==> flow/design.v <==
module u_scratch_n #(
    parameter D = 12,
    parameter DATA_W = 16,
    parameter ADDR_W = $clog2(D),
    parameter NBLK = DATA_W / 8
) (
    input clk_i,
    input clk_en,
    input [NBLK-1:0] in_byte_en,
    input [ADDR_W-1:0] in_wa,
    input [DATA_W-1:0] in_wdata,
    input [ADDR_W-1:0] in_ra,
    output [DATA_W-1:0] out_rdata
);
    reg [DATA_W-1:0] rf [0:D-1];
    integer idx;
    always @(posedge clk_i) begin
        for (idx = 0; idx < NBLK; idx = idx + 1)
            if (clk_en && in_byte_en[idx]) rf[in_wa][8*idx +: 8] <= in_wdata[8*idx +: 8];
    end
    assign out_rdata = rf[in_ra];
endmodule
# From RTL to reports: u_scratch_n
# A sweep over "D": the same steps for each member of the family.
# The file above is the member D = 12. Line numbers count from 1 in each member's own file.
# Operators: Yosys type, input widths -> output width; for muxes data width and select width s.
# The mark n/a stands for no value.
[inputs]
top = "u_scratch_n"
clock_port = "clk_i"
lib = "sky130hd"
corner = "tt_025C_1v80"

# Members of the sweep
# Lines of each other member's file that are new or changed against the file above; lines that a member lacks are not shown.
[changed_lines]
columns = ["D", "line_no", "text"]
rows = [
  [16, 2, "parameter D = 16,"],
  [20, 2, "parameter D = 20,"],
  [24, 2, "parameter D = 24,"],
  [48, 2, "parameter D = 48,"],
  [64, 2, "parameter D = 64,"],
  [96, 2, "parameter D = 96,"],
]

# After elaboration
# Source: Yosys, flattened and elaborated, memories not mapped. Widths are those after wreduce; folded enables and synchronous resets count as part of the registers. Registers that Yosys merges into a memory's read port (data or address) are not register bits. Print and check cells do not count. Equal cells are merged and count once.
# Yosys's memory passes give these memory sizes; they may raise the number of words (mostly to a power of two), join words into wider ones and drop unused or constant bits.
[op_classes]
columns = ["D", "div_mod_pow", "mux", "shift", "n_cmp", "add_sub_neg", "equal", "reduce_logical", "bitwise", "multipliers"]
rows = [
  [12, 0, 4, 0, 0, 0, 0, 2, 0, 0],
  [16, 0, 4, 0, 0, 0, 0, 2, 0, 0],
  [20, 0, 4, 0, 0, 0, 0, 2, 0, 0],
  [24, 0, 4, 0, 0, 0, 0, 2, 0, 0],
  [48, 0, 4, 0, 0, 0, 0, 2, 0, 0],
  [64, 0, 4, 0, 0, 0, 0, 2, 0, 0],
  [96, 0, 4, 0, 0, 0, 0, 2, 0, 0],
]
[op_table]
columns = ["D", "op_list"]
rows = [
  [12, "$mux 16 (2); $logic_and 1x1->1 (2); $mux 1 (2)"],
  [16, "$mux 16 (2); $logic_and 1x1->1 (2); $mux 1 (2)"],
  [20, "$mux 16 (2); $logic_and 1x1->1 (2); $mux 1 (2)"],
  [24, "$mux 16 (2); $logic_and 1x1->1 (2); $mux 1 (2)"],
  [48, "$mux 16 (2); $logic_and 1x1->1 (2); $mux 1 (2)"],
  [64, "$mux 16 (2); $logic_and 1x1->1 (2); $mux 1 (2)"],
  [96, "$mux 16 (2); $logic_and 1x1->1 (2); $mux 1 (2)"],
]
[bits]
columns = ["D", "latchBits", "output_inout_bits", "inputBits", "rom_bits", "ff_bits", "clocked_rd_ports_x_width", "ramBits", "n_memories", "word_cells"]
rows = [
  [12, 0, 16, 28, 0, 0, 0, 192, 1, 7],
  [16, 0, 16, 28, 0, 0, 0, 256, 1, 7],
  [20, 0, 16, 30, 0, 0, 0, 320, 1, 7],
  [24, 0, 16, 30, 0, 0, 0, 384, 1, 7],
  [48, 0, 16, 32, 0, 0, 0, 768, 1, 7],
  [64, 0, 16, 32, 0, 0, 0, 1024, 1, 7],
  [96, 0, 16, 34, 0, 0, 0, 1536, 1, 7],
]
[memory_table]
columns = ["D", "mem_shapes"]
rows = [
  [12, "rf 12 x 16 bit 1R1W"],
  [16, "rf 16 x 16 bit 1R1W"],
  [20, "rf 20 x 16 bit 1R1W"],
  [24, "rf 24 x 16 bit 1R1W"],
  [48, "rf 48 x 16 bit 1R1W"],
  [64, "rf 64 x 16 bit 1R1W"],
  [96, "rf 96 x 16 bit 1R1W"],
]

# Depth
# Longest topological path by Yosys (ltp), each cell counted once; first at word level (registers and memories cut), then after technology mapping (sequential cells cut; the memories' decode and read muxes count).
[depth]
columns = ["D", "ltp_word", "abc_area", "depth_mapped", "ltp_nobuf"]
rows = [
  [12, 2, 0, 5, 3],
  [16, 2, 0, 5, 3],
  [20, 2, 0, 7, 4],
  [24, 2, 0, 7, 4],
  [48, 2, 0, 9, 5],
  [64, 2, 0, 10, 5],
  [96, 2, 0, 10, 5],
]

# Netlist
# The flow's flattened synthesis, as Yosys stat reports it; memories are mapped. The netlist is that of the ABC_AREA named above (0 if unset); the other value can give another one.
[synth_totals]
columns = ["D", "cell_count", "mapped_area_um2", "buf_cells", "ffs", "seq_area_um2"]
rows = [
  [12, 346, 7363.3, 17, 192, 5765.5],
  [16, 446, 9909.5, 26, 256, 7687.4],
  [20, 697, 12552.0, 34, 320, 9609.2],
  [24, 740, 15068.2, 45, 384, 11531.1],
  [48, 1536, 30166.4, 92, 768, 23062.1],
  [64, 1890, 40000.9, 110, 1024, 30749.5],
  [96, 2725, 59275.6, 166, 1536, 46124.2],
]
[by_type]
columns = ["D", "cell_types"]
rows = [
  [12, "sky130_fd_sc_hd__edfxtp_1 (192); sky130_fd_sc_hd__mux4_2 (29); sky130_fd_sc_hd__mux2i_1 (32); sky130_fd_sc_hd__o221ai_1 (16); sky130_fd_sc_hd__a22oi_1 (16); sky130_fd_sc_hd__nor2_1 (26); sky130_fd_sc_hd__mux4_1 (3); sky130_fd_sc_hd__buf_6 (3); sky130_fd_sc_hd__nand3_1 (6); sky130_fd_sc_hd__buf_12 (1); sky130_fd_sc_hd__buf_1 (5); sky130_fd_sc_hd__clkbuf_1 (5); sky130_fd_sc_hd__nand2b_1 (3); sky130_fd_sc_hd__nor2b_1 (3); sky130_fd_sc_hd__buf_2 (3); sky130_fd_sc_hd__nand2_1 (2); sky130_fd_sc_hd__or2_2 (1)"],
  [16, "sky130_fd_sc_hd__edfxtp_1 (256); sky130_fd_sc_hd__mux4_2 (54); sky130_fd_sc_hd__mux4_1 (10); sky130_fd_sc_hd__a22oi_1 (32); sky130_fd_sc_hd__nor2_1 (27); sky130_fd_sc_hd__nand2_1 (18); sky130_fd_sc_hd__buf_6 (5); sky130_fd_sc_hd__nor3_1 (8); sky130_fd_sc_hd__nand4b_1 (4); sky130_fd_sc_hd__buf_4 (4); sky130_fd_sc_hd__clkbuf_1 (8); sky130_fd_sc_hd__clkbuf_8 (2); sky130_fd_sc_hd__nand2b_1 (4); sky130_fd_sc_hd__buf_2 (4); sky130_fd_sc_hd__dlymetal6s2s_1 (1); sky130_fd_sc_hd__nand4_1 (2); sky130_fd_sc_hd__nor2b_1 (2); sky130_fd_sc_hd__nand3_1 (2); [+3]"],
  [20, "sky130_fd_sc_hd__edfxtp_1 (320); sky130_fd_sc_hd__mux2i_1 (101); sky130_fd_sc_hd__mux4_2 (23); sky130_fd_sc_hd__nor2_1 (59); sky130_fd_sc_hd__nand2_1 (43); sky130_fd_sc_hd__mux2_2 (13); sky130_fd_sc_hd__a22oi_1 (17); sky130_fd_sc_hd__o22ai_1 (20); sky130_fd_sc_hd__nand4_1 (14); sky130_fd_sc_hd__nand3_1 (17); sky130_fd_sc_hd__a211oi_1 (11); sky130_fd_sc_hd__buf_4 (10); sky130_fd_sc_hd__nor2b_1 (8); sky130_fd_sc_hd__buf_2 (9); sky130_fd_sc_hd__buf_6 (4); sky130_fd_sc_hd__clkbuf_1 (11); sky130_fd_sc_hd__nor3_1 (5); sky130_fd_sc_hd__nand3b_1 (2); [+10]"],
  [24, "sky130_fd_sc_hd__edfxtp_1 (384); sky130_fd_sc_hd__mux4_2 (64); sky130_fd_sc_hd__mux2i_1 (80); sky130_fd_sc_hd__nor2_1 (50); sky130_fd_sc_hd__a2bb2oi_1 (16); sky130_fd_sc_hd__o211ai_2 (10); sky130_fd_sc_hd__a22oi_1 (16); sky130_fd_sc_hd__nand3_1 (22); sky130_fd_sc_hd__o311ai_1 (11); sky130_fd_sc_hd__buf_2 (14); sky130_fd_sc_hd__buf_4 (9); sky130_fd_sc_hd__nand2_1 (17); sky130_fd_sc_hd__clkbuf_1 (16); sky130_fd_sc_hd__o211ai_1 (6); sky130_fd_sc_hd__o311ai_0 (5); sky130_fd_sc_hd__buf_12 (2); sky130_fd_sc_hd__nor2b_1 (5); sky130_fd_sc_hd__buf_6 (2); [+11]"],
  [48, "sky130_fd_sc_hd__edfxtp_1 (768); sky130_fd_sc_hd__mux2i_1 (256); sky130_fd_sc_hd__mux4_2 (80); sky130_fd_sc_hd__a22oi_1 (64); sky130_fd_sc_hd__nor2_1 (99); sky130_fd_sc_hd__a221oi_1 (32); sky130_fd_sc_hd__a22o_1 (32); sky130_fd_sc_hd__o41ai_2 (16); sky130_fd_sc_hd__buf_6 (19); sky130_fd_sc_hd__a21oi_1 (32); sky130_fd_sc_hd__nand2_1 (30); sky130_fd_sc_hd__buf_4 (14); sky130_fd_sc_hd__o22ai_1 (16); sky130_fd_sc_hd__clkbuf_1 (25); sky130_fd_sc_hd__buf_2 (18); sky130_fd_sc_hd__buf_1 (16); sky130_fd_sc_hd__nor2b_1 (4); sky130_fd_sc_hd__nand3b_1 (3); [+12]"],
  [64, "sky130_fd_sc_hd__edfxtp_1 (1024); sky130_fd_sc_hd__mux4_2 (210); sky130_fd_sc_hd__mux2i_1 (87); sky130_fd_sc_hd__nor2_1 (141); sky130_fd_sc_hd__mux4_1 (14); sky130_fd_sc_hd__a22oi_1 (39); sky130_fd_sc_hd__mux2_2 (25); sky130_fd_sc_hd__nand2_1 (67); sky130_fd_sc_hd__nor2b_1 (28); sky130_fd_sc_hd__buf_2 (33); sky130_fd_sc_hd__buf_6 (12); sky130_fd_sc_hd__clkbuf_1 (33); sky130_fd_sc_hd__a221oi_1 (14); sky130_fd_sc_hd__nand3_1 (24); sky130_fd_sc_hd__buf_4 (14); sky130_fd_sc_hd__buf_12 (4); sky130_fd_sc_hd__a211oi_1 (10); sky130_fd_sc_hd__a21oi_1 (15); [+96]"],
  [96, "sky130_fd_sc_hd__edfxtp_1 (1536); sky130_fd_sc_hd__mux4_2 (393); sky130_fd_sc_hd__nor2_1 (210); sky130_fd_sc_hd__mux2i_1 (51); sky130_fd_sc_hd__a22oi_1 (56); sky130_fd_sc_hd__nand3_1 (66); sky130_fd_sc_hd__clkbuf_1 (79); sky130_fd_sc_hd__nand2_1 (75); sky130_fd_sc_hd__buf_4 (34); sky130_fd_sc_hd__a21oi_1 (47); sky130_fd_sc_hd__o211ai_1 (25); sky130_fd_sc_hd__o22ai_1 (30); sky130_fd_sc_hd__buf_2 (33); sky130_fd_sc_hd__buf_6 (8); sky130_fd_sc_hd__nor2b_1 (13); sky130_fd_sc_hd__nand4_1 (9); sky130_fd_sc_hd__o221ai_1 (6); sky130_fd_sc_hd__buf_1 (12); [+42]"],
]
# The mark [+n] counts cells that are not listed.

# Timing after synthesis
# Source: OpenSTA report_checks on the synthesized netlist (no wires, ideal clock, input and output delay 20% of the period each), path of least setup slack; recovery checks are left aside. Register names are those of the netlist, which keeps one name where synthesis merged equal registers.
[synth_timing]
columns = ["D", "path_type", "from", "to", "driving_pins", "path_delay_ps", "period_ps", "setup_slack_ps", "period_less_setup_slack_ps"]
rows = [
  [12, "in2out", "in in_ra[0]", "out out_rdata[5]", 5, 1138, 2370, 284, 2086],
  [16, "in2out", "in in_ra[0]", "out out_rdata[9]", 5, 1133, 2360, 283, 2077],
  [20, "in2out", "in in_ra[1]", "out out_rdata[10]", 7, 1203, 2510, 303, 2207],
  [24, "in2out", "in in_ra[0]", "out out_rdata[10]", 6, 1197, 2490, 297, 2193],
  [48, "in2out", "in in_ra[0]", "out out_rdata[0]", 7, 1521, 3170, 381, 2789],
  [64, "in2out", "in in_ra[0]", "out out_rdata[14]", 9, 1505, 3140, 379, 2761],
  [96, "in2out", "in in_ra[0]", "out out_rdata[14]", 8, 1581, 3290, 393, 2897],
]
# "path_delay_ps" is the arrival time less input delay plus setup time.
# At an output port there is no setup time.
# "driving_pins" counts driving pins, that of a launching flip-flop among them; a cell with two outputs on the path counts twice.
# "period_less_setup_slack_ps" = period - worst setup slack (recovery checks aside). The figure is calculated, with input and output delays left at 20% of the set period.
# Between the ends stands the longest chain of elaborated cells between them, by number of cells; it is not shown to be the way that was timed. Of several equally long chains one is given.
# A line is the first line of the expression or statement that the cell stems from. Yosys adds cells for indexed reads and writes and turns some case tables into memories.
# The chain passes a memory read, where the word-level depth is cut; so it can be longer than that depth.
[synth_between_D_12]
elab_chain_len = 1
[synth_rtl_D_12]
columns = ["item", "line_no", "text"]
rows = [
  ["from (decl)", 12, "input [ADDR_W-1:0] in_ra,"],
  ["$mem_v2 12x16", 15, "reg [DATA_W-1:0] rf [0:D-1];"],
  ["to (decl)", 13, "output [DATA_W-1:0] out_rdata"],
]
[synth_between_D_96]
elab_chain_len = 1
[synth_rtl_D_96]
columns = ["item", "line_no", "text"]
rows = [
  ["from (decl)", 12, "input [ADDR_W-1:0] in_ra,"],
  ["$mem_v2 96x16", 15, "reg [DATA_W-1:0] rf [0:D-1];"],
  ["to (decl)", 13, "output [DATA_W-1:0] out_rdata"],
]

# Timing after layout
# From the final timing report of each member's run: the path of least setup slack in the routed layout; clock arrival at registers is part of the times.
# The report prints the path's times to 10 ps; the period is as set.
[layout_timing]
columns = ["D", "path_type", "from", "to", "period_ps", "arrival_ps", "setup_slack_ps", "path_buffers", "driving_pins"]
rows = [
  [12, "in2out", "in in_ra[0]", "out out_rdata[9]", 2370, 1850, 40, 4, 7],
  [16, "reg2out", "mem rf[11][4]", "out out_rdata[4]", 2360, 1880, 10, 1, 5],
  [20, "reg2out", "mem rf[18][3]", "out out_rdata[3]", 2510, 2010, 0, 1, 5],
  [24, "in2out", "in in_ra[0]", "out out_rdata[15]", 2490, 2030, -40, 4, 7],
  [48, "in2out", "in in_ra[0]", "out out_rdata[15]", 3170, 2630, -90, 5, 9],
  [64, "in2out", "in in_ra[0]", "out out_rdata[1]", 3140, 2660, -140, 4, 9],
  [96, "reg2out", "mem rf[84][5]", "out out_rdata[5]", 3290, 2960, -320, 2, 7],
]

# Flow runs
# One run of the flow (Yosys, OpenROAD) for each member, with settings and measured results. Input and output delays are each 20% of the period that was set; the output load is 0.01 pF.
[settings]
CAP_MARGIN = 20
CORE_MARGIN = 2
CORE_UTILIZATION = 40
SLEW_MARGIN = 20
[settings_by_member]
columns = ["D", "period_ns"]
rows = [
  [12, 2.37],
  [16, 2.36],
  [20, 2.51],
  [24, 2.49],
  [48, 3.17],
  [64, 3.14],
  [96, 3.29],
]
[measured]
columns = ["D", "final_power_uw", "synth_chip_area_um2", "stdcell_area_um2", "die_um2", "timing.setup.tns_ps", "final_setup_ws_ps", "timing.hold.ws_ps", "period_less_ws_ps", "layout_utilization_frac"]
rows = [
  [12, 6981, 7363.3, 9110.0, 19509.1, 0, 43, 911, 2327, 0.505],
  [16, 9805, 9909.5, 12283.0, 26048.3, 0, 9, 920, 2351, 0.505],
  [20, 10960, 12552.0, 15476.1, 32813.5, -2, -2, 759, 2512, 0.503],
  [24, 13491, 15068.2, 18620.4, 39239.6, -78, -39, 793, 2529, 0.498],
  [48, 21391, 30166.4, 36831.6, 77629.1, -349, -94, 733, 3264, 0.494],
  [64, 28843, 40000.9, 49198.4, 102547.0, -642, -145, 197, 3285, 0.498],
  [96, 41691, 59275.6, 72719.7, 151286.0, -3015, -324, 331, 3614, 0.493],
]
# "period_less_ws_ps" means the clock period less the worst setup slack. The figure is calculated, with input and output delays left at 20% of the set period.
# "final_power_uw" is the tool's figure for a default switching activity; nothing was simulated.
